==> flow/design.v <==
module sync_shift_unit_p #(
  parameter integer DW = 12,
  parameter integer SW = $clog2(DW)
) (
  input wire clk,
  input wire i_rst,
  input wire signed [DW-1:0] in_d,
  input wire [SW-1:0] in_shamt,
  output reg [DW-1:0] out_q
);
  always @(posedge clk or posedge i_rst) begin
    if (i_rst) begin
      out_q <= 0;
    end else begin
      out_q <= in_d >>> in_shamt;
    end
  end
endmodule
### Step by step through the tools: sync_shift_unit_p

A sweep over "DW": the same steps for each member of the family.
The RTL above is that of DW = 12; lines are counted from 1 in the file of the member named.
Operators: Yosys type, input widths -> output width; for muxes data width and select width s.
Cell names lack the library's common part.
The mark n/a stands for no value.

| design | value |
|---|---|
| top | sync_shift_unit_p |
| clock input | clk |
| library | sky130hd |
| corner | tt_025C_1v80 |

### Members of the sweep

Lines of each other member's file that are new or changed against the file above; lines that a member lacks are not shown.

Lines new or changed:

| DW | line | RTL |
|---|---|---|
| 14 | 2 | `parameter integer DW = 14,` |
| 16 | 2 | `parameter integer DW = 16,` |
| 20 | 2 | `parameter integer DW = 20,` |

### Word-level counts

Source: Yosys, flattened and elaborated, memories not mapped. Widths are those after wreduce; folded enables and synchronous resets count as part of the registers. Registers that Yosys merges into a memory's read port (data or address) are not register bits. Print and check cells do not count. Equal cells are merged and count once.

Bit counts:

| DW | output and inout port bits | cells after elaboration | bits of input ports | flip-flop bits (word level) |
|---|---|---|---|---|
| 12 | 12 | 2 | 18 | 12 |
| 14 | 14 | 2 | 20 | 14 |
| 16 | 16 | 2 | 22 | 16 |
| 20 | 20 | 2 | 27 | 20 |

Cells by class:

| DW | shift-type cells |
|---|---|
| 12 | 1 |
| 14 | 1 |
| 16 | 1 |
| 20 | 1 |

Operator list:

| DW | kind and count |
|---|---|
| 12 | $sshr 12x4->12: 1 |
| 14 | $sshr 14x4->14: 1 |
| 16 | $sshr 16x4->16: 1 |
| 20 | $sshr 20x5->20: 1 |

### Logic depth

Yosys ltp: most cells in a row. Word level: on the elaborated netlist, between registers, memories and ports. Mapped: between sequential cells and ports; inverters and the memories' decode and read muxes count.

Depth:

| DW | word-level depth | ABC_AREA | mapped depth | depth with buffers taken out |
|---|---|---|---|---|
| 12 | 1 | 0 | 5 | 3 |
| 14 | 1 | 0 | 7 | 4 |
| 16 | 1 | 0 | 7 | 4 |
| 20 | 1 | 0 | 7 | 4 |

### Synthesis result

Source: synth_stat.txt of the flow (Yosys; design flattened, memories mapped). It holds for the ABC_AREA given above (unset counts as 0); a run with the other value may have another netlist.

Mapped netlist:

| DW | cell area after synthesis (sq um) | flip-flops | mapped cells |
|---|---|---|---|
| 12 | 892.1 | 12 | 71 |
| 14 | 1039.7 | 14 | 106 |
| 16 | 1302.5 | 16 | 124 |
| 20 | 1690.4 | 20 | 150 |

Cell types:

| DW | types with counts |
|---|---|
| 12 | dfrtp_1: 12; mux4_2: 7; mux4_1: 3; a211oi_1: 5; mux2i_1: 3; clkbuf_8: 2; buf_6: 2; nor2_1: 6; buf_12: 1; inv_1: 5; o2bb2ai_1: 2; mux2_4: 1; o21ai_0: 3; nor2b_1: 2; mux2_2: 1; o311a_2: 1; o21ai_1: 2; a311oi_1: 1; (+12) |
| 14 | dfrtp_1: 14; mux2i_1: 10; mux2_2: 8; mux4_2: 3; a21oi_1: 7; buf_2: 7; o21ai_0: 7; a211oi_1: 4; a311oi_1: 3; mux4_1: 1; nand2_1: 6; nor2_1: 5; nor2b_1: 3; inv_1: 4; nor3b_1: 2; o31ai_1: 2; and2_1: 2; nand2b_1: 2; (+16) |
| 16 | dfrtp_1: 16; mux4_2: 7; mux2i_1: 14; mux2_2: 8; buf_4: 7; nand2_1: 11; a221oi_1: 4; o21ai_0: 6; a21oi_1: 5; buf_6: 2; buf_12: 1; nand2b_1: 3; nor2b_1: 3; o22ai_1: 3; inv_1: 4; mux2_4: 1; nand3b_1: 2; nor2_1: 4; (+23) |
| 20 | dfrtp_1: 20; mux2i_1: 26; mux4_2: 10; mux4_1: 5; mux2_2: 5; a21oi_1: 10; nor2_1: 10; nand2_1: 9; buf_2: 6; buf_6: 2; buf_12: 1; o21ai_0: 4; a22o_1: 2; o221ai_1: 2; o311ai_2: 1; buf_8: 1; clkbuf_1: 4; mux2_4: 1; (+31) |

A list marked (+n) leaves out that many cells.

### Path before layout

Source: OpenSTA report_checks on the synthesized netlist (no wires, ideal clock, input and output delay 20% of the period each), path of least setup slack; recovery checks are left aside. Register names are those of the netlist, which keeps one name where synthesis merged equal registers.

Path after synthesis:

| DW | kind | start point | end point | setup slack (ns) | path delay (ns) | stages | clock period (ns) | synthesis period reached (ns) |
|---|---|---|---|---|---|---|---|---|
| 12 | input -> register | input in_shamt[0] | register out_q[5] | 0.238 | 0.962 | 5 | 1.5 | 1.262 |
| 14 | input -> register | input in_shamt[0] | register out_q[0] | 0.305 | 1.207 | 4 | 1.89 | 1.585 |
| 16 | input -> register | input in_shamt[1] | register out_q[2] | 0.275 | 1.093 | 5 | 1.71 | 1.435 |
| 20 | input -> register | input in_shamt[0] | register out_q[0] | 0.344 | 1.368 | 6 | 2.14 | 1.796 |

"path delay" = arrival - input delay + setup time.
"stages": output pins that drive a net of the path, with the launching flip-flop's if there is one; two outputs of one cell count as two.
"synthesis period reached" is the clock period less the worst setup slack; recovery checks do not enter. This is arithmetic on one report: input and output delays are still those of the set period (20% each).
Between the ends stands the longest chain of elaborated cells between them, by number of cells; it is not shown to be the way that was timed. Of several equally long chains one is given.
Each line given opens the expression or statement behind the cell; cells for indexed reads and writes are added by Yosys, which also makes memories of some case tables.

| between the ends, after synthesis, DW = 12 | value |
|---|---|
| cells in the longest elaborated chain | 1 |

Ends and longest elaborated chain, after synthesis, DW = 12:

| what | line | RTL |
|---|---|---|
| start: declaration | 8 | `input wire [SW-1:0] in_shamt,` |
| $sshr 12x4->12 | 15 | `out_q <= in_d >>> in_shamt;` |
| end: assignment | 13 | `out_q <= 0;` |
| end: assignment | 15 |  |
| end: declaration | 9 | `output reg [DW-1:0] out_q` |

| between the ends, after synthesis, DW = 20 | value |
|---|---|
| cells in the longest elaborated chain | 1 |

Ends and longest elaborated chain, after synthesis, DW = 20:

| what | line | RTL |
|---|---|---|
| start: declaration | 8 | `input wire [SW-1:0] in_shamt,` |
| $sshr 20x5->20 | 15 | `out_q <= in_d >>> in_shamt;` |
| end: assignment | 13 | `out_q <= 0;` |
| end: assignment | 15 |  |
| end: declaration | 9 | `output reg [DW-1:0] out_q` |

### Worst path after layout

From the final timing report of each member's run: the path of least setup slack in the routed layout; clock arrival at registers is part of the times.

Path post-layout:

| DW | kind | start point | end point | stages | arrival time (ns) | setup slack (ns) | clock period (ns) |
|---|---|---|---|---|---|---|---|
| 12 | input -> register | input in_d[7] | register out_q[3] | 4 | 1.58 | 0.05 | 1.5 |
| 14 | input -> register | input in_d[7] | register out_q[0] | 4 | 1.87 | 0.17 | 1.89 |
| 16 | input -> register | input in_shamt[0] | register out_q[5] | 6 | 1.88 | 0.07 | 1.71 |
| 20 | input -> register | input in_shamt[1] | register out_q[1] | 6 | 2.18 | 0.08 | 2.14 |

### Measured runs

One run of the flow (Yosys, OpenROAD) for each member, with settings and measured results. Input and output delays are each 20% of the period that was set; the output load is 0.01 pF.

| flow settings | value |
|---|---|
| CAP_MARGIN | 20 |
| CORE_MARGIN | 2 |
| CORE_UTILIZATION | 40 |
| SLEW_MARGIN | 20 |

Settings by member:

| DW | period_ns |
|---|---|
| 12 | 1.5 |
| 14 | 1.89 |
| 16 | 1.71 |
| 20 | 2.14 |

Measured results:

| DW | achieved period (ns) | overall die area (sq um) | total power of the final layout (W) | total negative slack (ns) | smallest setup slack (ns) | utilization after layout (%) | area of the synthesized netlist (sq um) |
|---|---|---|---|---|---|---|---|
| 12 | 1.447 | 2624.0 | 0.0008597 | 0.000 | 0.053 | 58.6 | 892.1 |
| 14 | 1.716 | 3023.3 | 0.0008201 | 0.000 | 0.174 | 64.3 | 1039.7 |
| 16 | 1.640 | 3728.9 | 0.001135 | 0.000 | 0.070 | 61.4 | 1302.5 |
| 20 | 2.056 | 4761.7 | 0.001176 | 0.000 | 0.084 | 60.7 | 1690.4 |

"achieved period" means the clock period less the worst setup slack. The figure is calculated, with input and output delays left at 20% of the set period.
By "total power of the final layout" is meant OpenSTA's value without simulated activity: inputs other than the clock are taken to toggle once in ten clock periods, and the tool carries that through the logic.
